==> flow/design.v <==
module selector_mod (i_clk, resetn, ch_0, ch_1, ch_2, ch_3, ch_4, ch_5, pick, out);
  parameter DW = 16;
  input i_clk;
  input resetn;
  input [DW-1:0] ch_0;
  input [DW-1:0] ch_1;
  input [DW-1:0] ch_2;
  input [DW-1:0] ch_3;
  input [DW-1:0] ch_4;
  input [DW-1:0] ch_5;
  input [4:0] pick;
  output reg [DW-1:0] out;
  reg [DW-1:0] work;
  always @(*) begin
    casez (pick)
      5'b????1: work = ch_0;
      5'b???10: work = ch_1;
      5'b??100: work = ch_2;
      5'b?1000: work = ch_3;
      5'b10000: work = ch_4;
      default: work = ch_5;
    endcase
  end
  always @(posedge i_clk or negedge resetn) begin
    if (!resetn) begin
      out <= 0;
    end else begin
      out <= work;
    end
  end
endmodule
# From RTL to reports: selector_mod
# What the tools print for selector_mod, step after step.
# Lines are those of the file above, counted from 1.
# Library cell names are shortened.
# The mark -- stands for no value.
dict set report inputs {
  top {selector_mod}
  clk_port {i_clk}
  lib {sky130hd}
  lib_corner {tt_025C_1v80}
}

# Word-level counts
# Source: Yosys, flattened and elaborated, memories not mapped. Widths are those after wreduce; folded enables and synchronous resets count as part of the registers. Registers that Yosys merges into a memory's read port (data or address) are not register bits. Print and check cells do not count. Equal cells are merged and count once.
dict set report word_totals {
  output_inout_bits 16
  in_bits 103
  regBits 16
  elab_cells 6
}
dict set report op_classes {
  eq_ne 4
  muxes 1
}
# op count
set op_table {}
lappend op_table {{parallel mux 16 bit (select 5 bit)} 1}
lappend op_table {{equality test 5 bit with constant B} 1}
lappend op_table {{equality test 4 bit with constant B} 1}
lappend op_table {{equality test 3 bit with constant B} 1}
lappend op_table {{equality test 2 bit with constant B} 1}

# Longest topological paths
# Depth = most cells in a row (Yosys ltp): at word level without a register or memory, in the mapped netlist without a sequential cell, where the memories' decode and read muxes count.
dict set report logic_depth {
  ltp_word 2
  ABC_AREA 0
  mapped_depth 6
  depth_no_buf 3
}

# Netlist
# Source: synth_stat.txt of the flow (Yosys; design flattened, memories mapped). It holds for the ABC_AREA given above (unset counts as 0); a run with the other value may have another netlist.
# cell count area_total_um2
set types {}
lappend types {dfrtp_1 16 400.384}
lappend types {a22o_1 16 140.134}
lappend types {a2bb2oi_1 16 140.134}
lappend types {a22oi_1 16 120.115}
lappend types {nand3b_1 16 120.115}
lappend types {nand2b_1 17 106.352}
lappend types {a21oi_1 16 80.077}
lappend types {inv_1 16 60.058}
lappend types {nor4b_4 1 23.773}
lappend types {buf_6 2 22.522}
lappend types {nor4_4 1 21.27}
lappend types {clkbuf_1 5 18.768}
lappend types {buf_4 2 15.014}
lappend types {buf_1 3 11.261}
lappend types {buf_2 2 10.01}
dict set report synth_totals {
  ffs 16
  seq_area_um2 400.4
  mapped_cells 145
  mapped_area_um2 1290.0
}

# Path before layout
# Source: OpenSTA report_checks on the synthesized netlist (no wires, ideal clock, input and output delay 20% of the period each), path of least setup slack; recovery checks are left aside. Register names are those of the netlist, which keeps one name where synthesis merged equal registers.
dict set report synth_path {
  path_kind {input-to-reg}
  startpoint {input pick[2]}
  endpoint {register out[0]}
  setup_slack_ns 0.284
  path_stages 6
  path_delay_ns 1.132
  tclk_ns 1.77
  arrival_ns 1.362
  t_required_ns 1.646
  setup_ns 0.124
  period_less_setup_slack_ns 1.486
}
# "path_delay_ns" = arrival - input delay + setup time.
# "path_stages" counts driving pins, that of a launching flip-flop among them; a cell with two outputs on the path counts twice.
# "period_less_setup_slack_ns" = period - worst setup slack (recovery checks aside). The figure is calculated, with input and output delays left at 20% of the set period.
# The rows between start and end are the longest chain of elaborated cells between them; the timing report does not say that the signal goes this way. Where chains are equally long, one stands for them.
# Each line given opens the expression or statement behind the cell; cells for indexed reads and writes are added by Yosys, which also makes memories of some case tables.
dict set report synth_between {
  cell_sequence {buf_6 -> nor4_4 -> nand2b_1 -> buf_2 -> buf_6 -> a2bb2oi_1}
  elab_chain_len 2
  cone_cells 4
  cone_classes {eq/ne (3); mux (1)}
}
# item line_no
set synth_lines {}
lappend synth_lines {{from (decl)} 11} ;# input [4:0] pick;
lappend synth_lines {{equality test 5 bit} 15} ;# casez (pick)
lappend synth_lines {{parallel mux 16 bit (select 5 bit)} 15}
lappend synth_lines {{to (assign)} 26} ;# out <= 0;
lappend synth_lines {{to (assign)} 28} ;# out <= work;
lappend synth_lines {{to (decl)} 12} ;# output reg [DW-1:0] out;

# Timing after layout
# From the final timing report of run C: the path of least setup slack in the routed layout; clock arrival at registers is part of the times.
dict set report layout_path {
  path_kind {input-to-reg}
  startpoint {input pick[2]}
  endpoint {register out[9]}
  path_stages 5
  t_required_ns 1.97
  setup_ns 0.09
  arrival_ns 1.79
  tclk_ns 1.77
  setup_slack_ns 0.18
}
# The rows between start and end are the longest chain of elaborated cells between them; the timing report does not say that the signal goes this way. Where chains are equally long, one stands for them.
dict set report layout_between {
  cell_sequence {clkdlybuf4s50_1 -> nor4_4 -> buf_4 -> a22oi_1 -> a2bb2oi_1}
  elab_chain_len 2
  cone_cells 4
  cone_classes {eq/ne (3); mux (1)}
}
# item line_no
set layout_lines {}
lappend layout_lines {{from (decl)} 11} ;# input [4:0] pick;
lappend layout_lines {{equality test 5 bit} 15} ;# casez (pick)
lappend layout_lines {{parallel mux 16 bit (select 5 bit)} 15}
lappend layout_lines {{to (assign)} 26} ;# out <= 0;
lappend layout_lines {{to (assign)} 28} ;# out <= work;
lappend layout_lines {{to (decl)} 12} ;# output reg [DW-1:0] out;

; Measured results for selector_mod: 3 stored runs of the Yosys and OpenROAD flow on sky130hd. The settings differ; the order carries no meaning. The constraints put input and output delay at 20% of the set period each and load the outputs with 0.01 pF.
; "period_reached_ns" = clock period - worst setup slack. The figure is calculated, with input and output delays left at 20% of the set period.
; "timing.worst_path_ns" is the time allowed to the run's worst setup path (the clock period less input and output delay, where it has them) less its slack. Clock arrival times count: a late capture clock shortens it, a late launch clock lengthens it.
; "final_power_uw" is the tool's figure for a default switching activity; nothing was simulated.

[run A: settings]
period_ns = 0.894
CORE_UTILIZATION = 41
PLACE_DENSITY_LB_ADDON = 0.07
CORE_ASPECT_RATIO = 0.57
CELL_PAD_IN_SITES_DETAIL_PLACEMENT = 2
CAP_MARGIN = 25
MIN_ROUTING_LAYER = met1
CORE_MARGIN = 2
SLEW_MARGIN = 20
[run A: results]
outcome = incomplete, placement halted on DPL-0033

[run B: settings]
period_ns = 2.32
CORE_UTILIZATION = 46
SETUP_SLACK_MARGIN = 0.04
CORE_MARGIN = 6
CELL_PAD_IN_SITES_DETAIL_PLACEMENT = 0
ABC_AREA = 0
CAP_MARGIN = 20
SLEW_MARGIN = 20
[run B: results]
outcome = incomplete, placement halted on GPL-0301

[run C: settings]
period_ns = 1.77
CAP_MARGIN = 20
CORE_MARGIN = 2
CORE_UTILIZATION = 40
SLEW_MARGIN = 20
[run C: results]
final_power_uw = 1136
timing.setup.ws_ns = 0.182
synth_chip_area_um2 = 1290.0
design.die.area_um2 = 3695.4
layout_utilization_pct = 84.5
stdcell_area_um2 = 2578.7
timing.worst_path_ns = 1.23
timing.worst_path_kind = input-to-reg
period_reached_ns = 1.588
final_setup_tns_ns = 0.000
